==> flow/design.v <==
module u_add_unit_stage #(
   parameter int DATA_W = 32
) (
   input logic clk_i,
   input logic [DATA_W-1:0] rs1,
   input logic [DATA_W-1:0] rs2,
   input logic [DATA_W-1:0] rs3,
   output logic [DATA_W+1:0] o
);
   logic [DATA_W-1:0] rs1_d1;
   always_ff @(posedge clk_i) begin
      rs1_d1 <= rs1;
   end
   logic [DATA_W-1:0] rs2_d1;
   always_ff @(posedge clk_i) begin
      rs2_d1 <= rs2;
   end
   logic [DATA_W-1:0] rs3_d1;
   always_ff @(posedge clk_i) begin
      rs3_d1 <= rs3;
   end
   logic [DATA_W-1:0] work_d1;
   always_ff @(posedge clk_i) begin
      work_d1 <= rs1_d1 ^ rs2_d1 ^ rs3_d1;
   end
   logic [DATA_W-1:0] cy_d1;
   always_ff @(posedge clk_i) begin
      cy_d1 <= (rs1_d1 & rs2_d1) | (rs1_d1 & rs3_d1) | (rs2_d1 & rs3_d1);
   end
   always_ff @(posedge clk_i) begin
      o <= work_d1 + {cy_d1, 1'b0};
   end
endmodule
Step by step through the tools: u_add_unit_stage. Tool output for the design above, in the order of the flow. Lines are those of the file above, counted from 1. Cell names lack the library's common part. Not given: -

Design top: u_add_unit_stage. Clock: clk_i. Standard-cell library: sky130hd. Library corner: tt_025C_1v80.

Elaborated design. Counts by Yosys on the flattened word-level netlist (proc, flatten, opt, wreduce; memories kept). Register bits leave out memories and registers merged into their read ports (data or address); mux counts leave out enables and synchronous resets folded into registers. Print and check cells are left out. Cells with the same type and inputs are merged into one.

The figure for bitwise logic cells is 7. The entry for $add $sub $neg reads 1.

Operators with widths (number): 32-bit bitwise AND (3); 32-bit OR (2); 32-bit bitwise XOR (2); 32-bit by 33-bit adder with 34-bit output (1).

Under flip-flop bits (word level) stands 194. For output and inout bits the number is 34. The entry for elaborated cells reads 14. For input port bits the number is 97.

Depth. Longest topological path by Yosys (ltp), each cell counted once; first at word level (registers and memories cut), then after technology mapping (sequential cells cut; the memories' decode and read muxes count).

Under depth after elaboration stands 3. The entry for ABC_AREA reads 0. The entry for depth in mapped cells reads 9. For depth with buffers taken out the number is 9.

After synthesis. Source: synth_stat.txt of the flow (Yosys; design flattened, memories mapped). It holds for the ABC_AREA given above (unset counts as 0); a run with the other value may have another netlist.

Under mapped area stands 6222.2 sq um. For buffer cells the number is 9. The figure for flip-flops is 194. Sequential area: 3883.7 sq um. The entry for standard cells after synthesis reads 467.

Cells by type: dfxtp_1 (number 194, area in all 3.88E+03 sq um); fa_1 (number 33, area in all 660.634 sq um); ha_1 (number 31, area in all 387.872 sq um); xnor2_1 (number 19, area in all 166.41 sq um); a21oi_1 (number 27, area in all 135.13 sq um); a21o_1 (number 14, area in all 105.101 sq um); nand2_1 (number 25, area in all 93.84 sq um); xor2_1 (number 10, area in all 87.584 sq um); o21ai_0 (number 16, area in all 80.077 sq um); nand4_1 (number 8, area in all 50.048 sq um); nor2_1 (number 12, area in all 45.043 sq um); o21a_1 (number 6, area in all 45.043 sq um); a31oi_1 (number 7, area in all 43.792 sq um); clkbuf_1 (number 9, area in all 33.782 sq um); and3_1 (number 5, area in all 31.28 sq um); o31ai_1 (number 4, area in all 30.029 sq um); and2_1 (number 4, area in all 25.024 sq um); a21boi_0 (number 3, area in all 22.522 sq um).

Not listed: further types 26, cells in them 40.

Path before layout. OpenSTA on the mapped netlist: ideal clock, no wires. The path of least setup slack (recovery checks aside). Input and output delay are each 20% of the period. Register names are those of the netlist, which keeps one name where synthesis merged equal registers.

Kind: register to register. Start point: reg work_d1[1]. End point: reg o[21]. The entry for library setup time reads 0.072 ns. The entry for slack reads 0.611 ns. Data arrival time: 2.387 ns. For clock period the number is 3.07 ns. For path buffers the number is 0. The figure for data required time is 2.998 ns. The entry for launch time at the first pin reads 0.000 ns. The figure for delay of the path is 2.459 ns. The entry for stages on the path reads 10. Synthesis period reached: 2.459 ns.

"delay of the path" is the arrival time less input delay plus setup time. "stages on the path": output pins that drive a net of the path, with the launching flip-flop's if there is one; two outputs of one cell count as two. "synthesis period reached" is the clock period less the worst setup slack; recovery checks do not enter. This is arithmetic on one report: input and output delays are still those of the set period (20% each). The rows between start and end are the longest chain of elaborated cells between them; the timing report does not say that the signal goes this way. Where chains are equally long, one stands for them. Each line given opens the expression or statement behind the cell; cells for indexed reads and writes are added by Yosys, which also makes memories of some case tables.

Path through: dfxtp_1 ha_1 fa_1 a21o_1 a221oi_2 a2111oi_1 o2111a_1 or3_1 a21oi_2 xnor2_1. For cells in the longest elaborated chain the number is 1. The figure for elaborated cells between the ends (all ways) is 1. The figure for source lines of those cells is 1. Classes of those cells: 1 x add/sub.

RTL lines, path after synthesis: start, declared (line 22) `logic [DATA_W-1:0] work_d1;`; start, assigned (line 24) `work_d1 <= rs1_d1 ^ rs2_d1 ^ rs3_d1;`; 32-bit by 33-bit adder with 34-bit output (line 31) `o <= work_d1 + {cy_d1, 1'b0};`; end, assigned (line 31); end, declared (line 8) `output logic [DATA_W+1:0] o`.

Timing after layout. Path of least setup slack in the final report of job 1 (OpenROAD, finished layout, wires in). Where an end is a register, its clock arrival counts in the times.

Kind: register to register. Start point: reg work_d1[1]. End point: reg o[21]. For path buffers the number is 0. The entry for stages on the path reads 10. The entry for launch time at the first pin reads 0.41 ns. For clock period the number is 3.07 ns. The figure for data required time is 3.42 ns. The entry for slack reads 0.32 ns. The entry for library setup time reads 0.07 ns. Data arrival time: 3.10 ns.

The rows between start and end are the longest chain of elaborated cells between them; the timing report does not say that the signal goes this way. Where chains are equally long, one stands for them.

Path through: dfxtp_1 ha_1 fa_1 a21o_1 a221oi_2 a2111oi_1 o2111a_1 or3_1 a21oi_2 xnor2_1. For cells in the longest elaborated chain the number is 1. The figure for elaborated cells between the ends (all ways) is 1. The figure for source lines of those cells is 1. Classes of those cells: 1 x add/sub.

RTL lines, path post-layout: start, declared (line 22) `logic [DATA_W-1:0] work_d1;`; start, assigned (line 24) `work_d1 <= rs1_d1 ^ rs2_d1 ^ rs3_d1;`; 32-bit by 33-bit adder with 34-bit output (line 31) `o <= work_d1 + {cy_d1, 1'b0};`; end, assigned (line 31); end, declared (line 8) `output logic [DATA_W+1:0] o`.

## Implementation results

Measured results for u_add_unit_stage: 3 stored runs of the Yosys and OpenROAD flow on sky130hd. The settings differ; the order carries no meaning. The constraints put input and output delay at 20% of the set period each and load the outputs with 0.01 pF. "period achieved" means the clock period less the worst setup slack. The figure is calculated, with input and output delays left at 20% of the set period. "time on the worst setup path" means the part of the period allowed to the worst setup path (the constraints hold back 20% at inputs and 20% at outputs) less its slack; where the path has registers, the arrival times of their clocks count too. "overall power": no workload was simulated; the value follows from the tool's default switching activity.

Job 1 has these settings: period_ns 3.07; CAP_MARGIN 20; CORE_MARGIN 2; CORE_UTILIZATION 40; SLEW_MARGIN 20. For the worst hold slack after layout the run shows 0.330 ns. The worst setup slack after layout stands at 0.321 ns. The standard-cell area after layout is 8338.0 sq um. For the mapped cell area after synthesis the run shows 6222.2 sq um. The full die area is 16568.8 sq um. The overall power reads 6.833 mW. The utilization in the final report stands at 0.548. The total negative setup slack reads 0.000 ns. The time on the worst setup path is 2.75 ns. Worst setup path type: register to register. The period achieved stands at 2.749 ns.

Job 2 has these settings: period_ns 4.67; CORE_UTILIZATION 42; SETUP_SLACK_MARGIN 0.49; PLACE_DENSITY_LB_ADDON 0.16; CORE_MARGIN 3; CELL_PAD_IN_SITES_DETAIL_PLACEMENT 0; ABC_AREA 1; GPL_ROUTABILITY_DRIVEN 1; CAP_MARGIN 5; SLEW_MARGIN 20. For the worst hold slack after layout the run shows 0.329 ns. The worst setup slack after layout stands at 2.420 ns. The standard-cell area after layout is 9071.2 sq um. For the mapped cell area after synthesis the run shows 6895.4 sq um. The full die area is 17990.9 sq um. The overall power reads 4.551 mW. The utilization in the final report stands at 0.567. The total negative setup slack reads 0.000 ns. The time on the worst setup path is 1.32 ns. Worst setup path type: register to output. The period achieved stands at 2.250 ns.

Job 3 has these settings: period_ns 1.95; CORE_UTILIZATION 15; SETUP_SLACK_MARGIN -0.16; PLACE_DENSITY_LB_ADDON 0.11; CORE_MARGIN 7; ABC_AREA 1; GPL_TIMING_DRIVEN 0; SLEW_MARGIN 5; MAX_ROUTING_LAYER met5; CAP_MARGIN 20. For the worst hold slack after layout the run shows 0.329 ns. The worst setup slack after layout stands at 0.019 ns. The standard-cell area after layout is 9546.7 sq um. For the mapped cell area after synthesis the run shows 6895.4 sq um. The full die area is 52168.8 sq um. The overall power reads 11.130 mW. The utilization in the final report stands at 0.21. The total negative setup slack reads 0.000 ns. The time on the worst setup path is 1.93 ns. Worst setup path type: register to register. The period achieved stands at 1.931 ns.
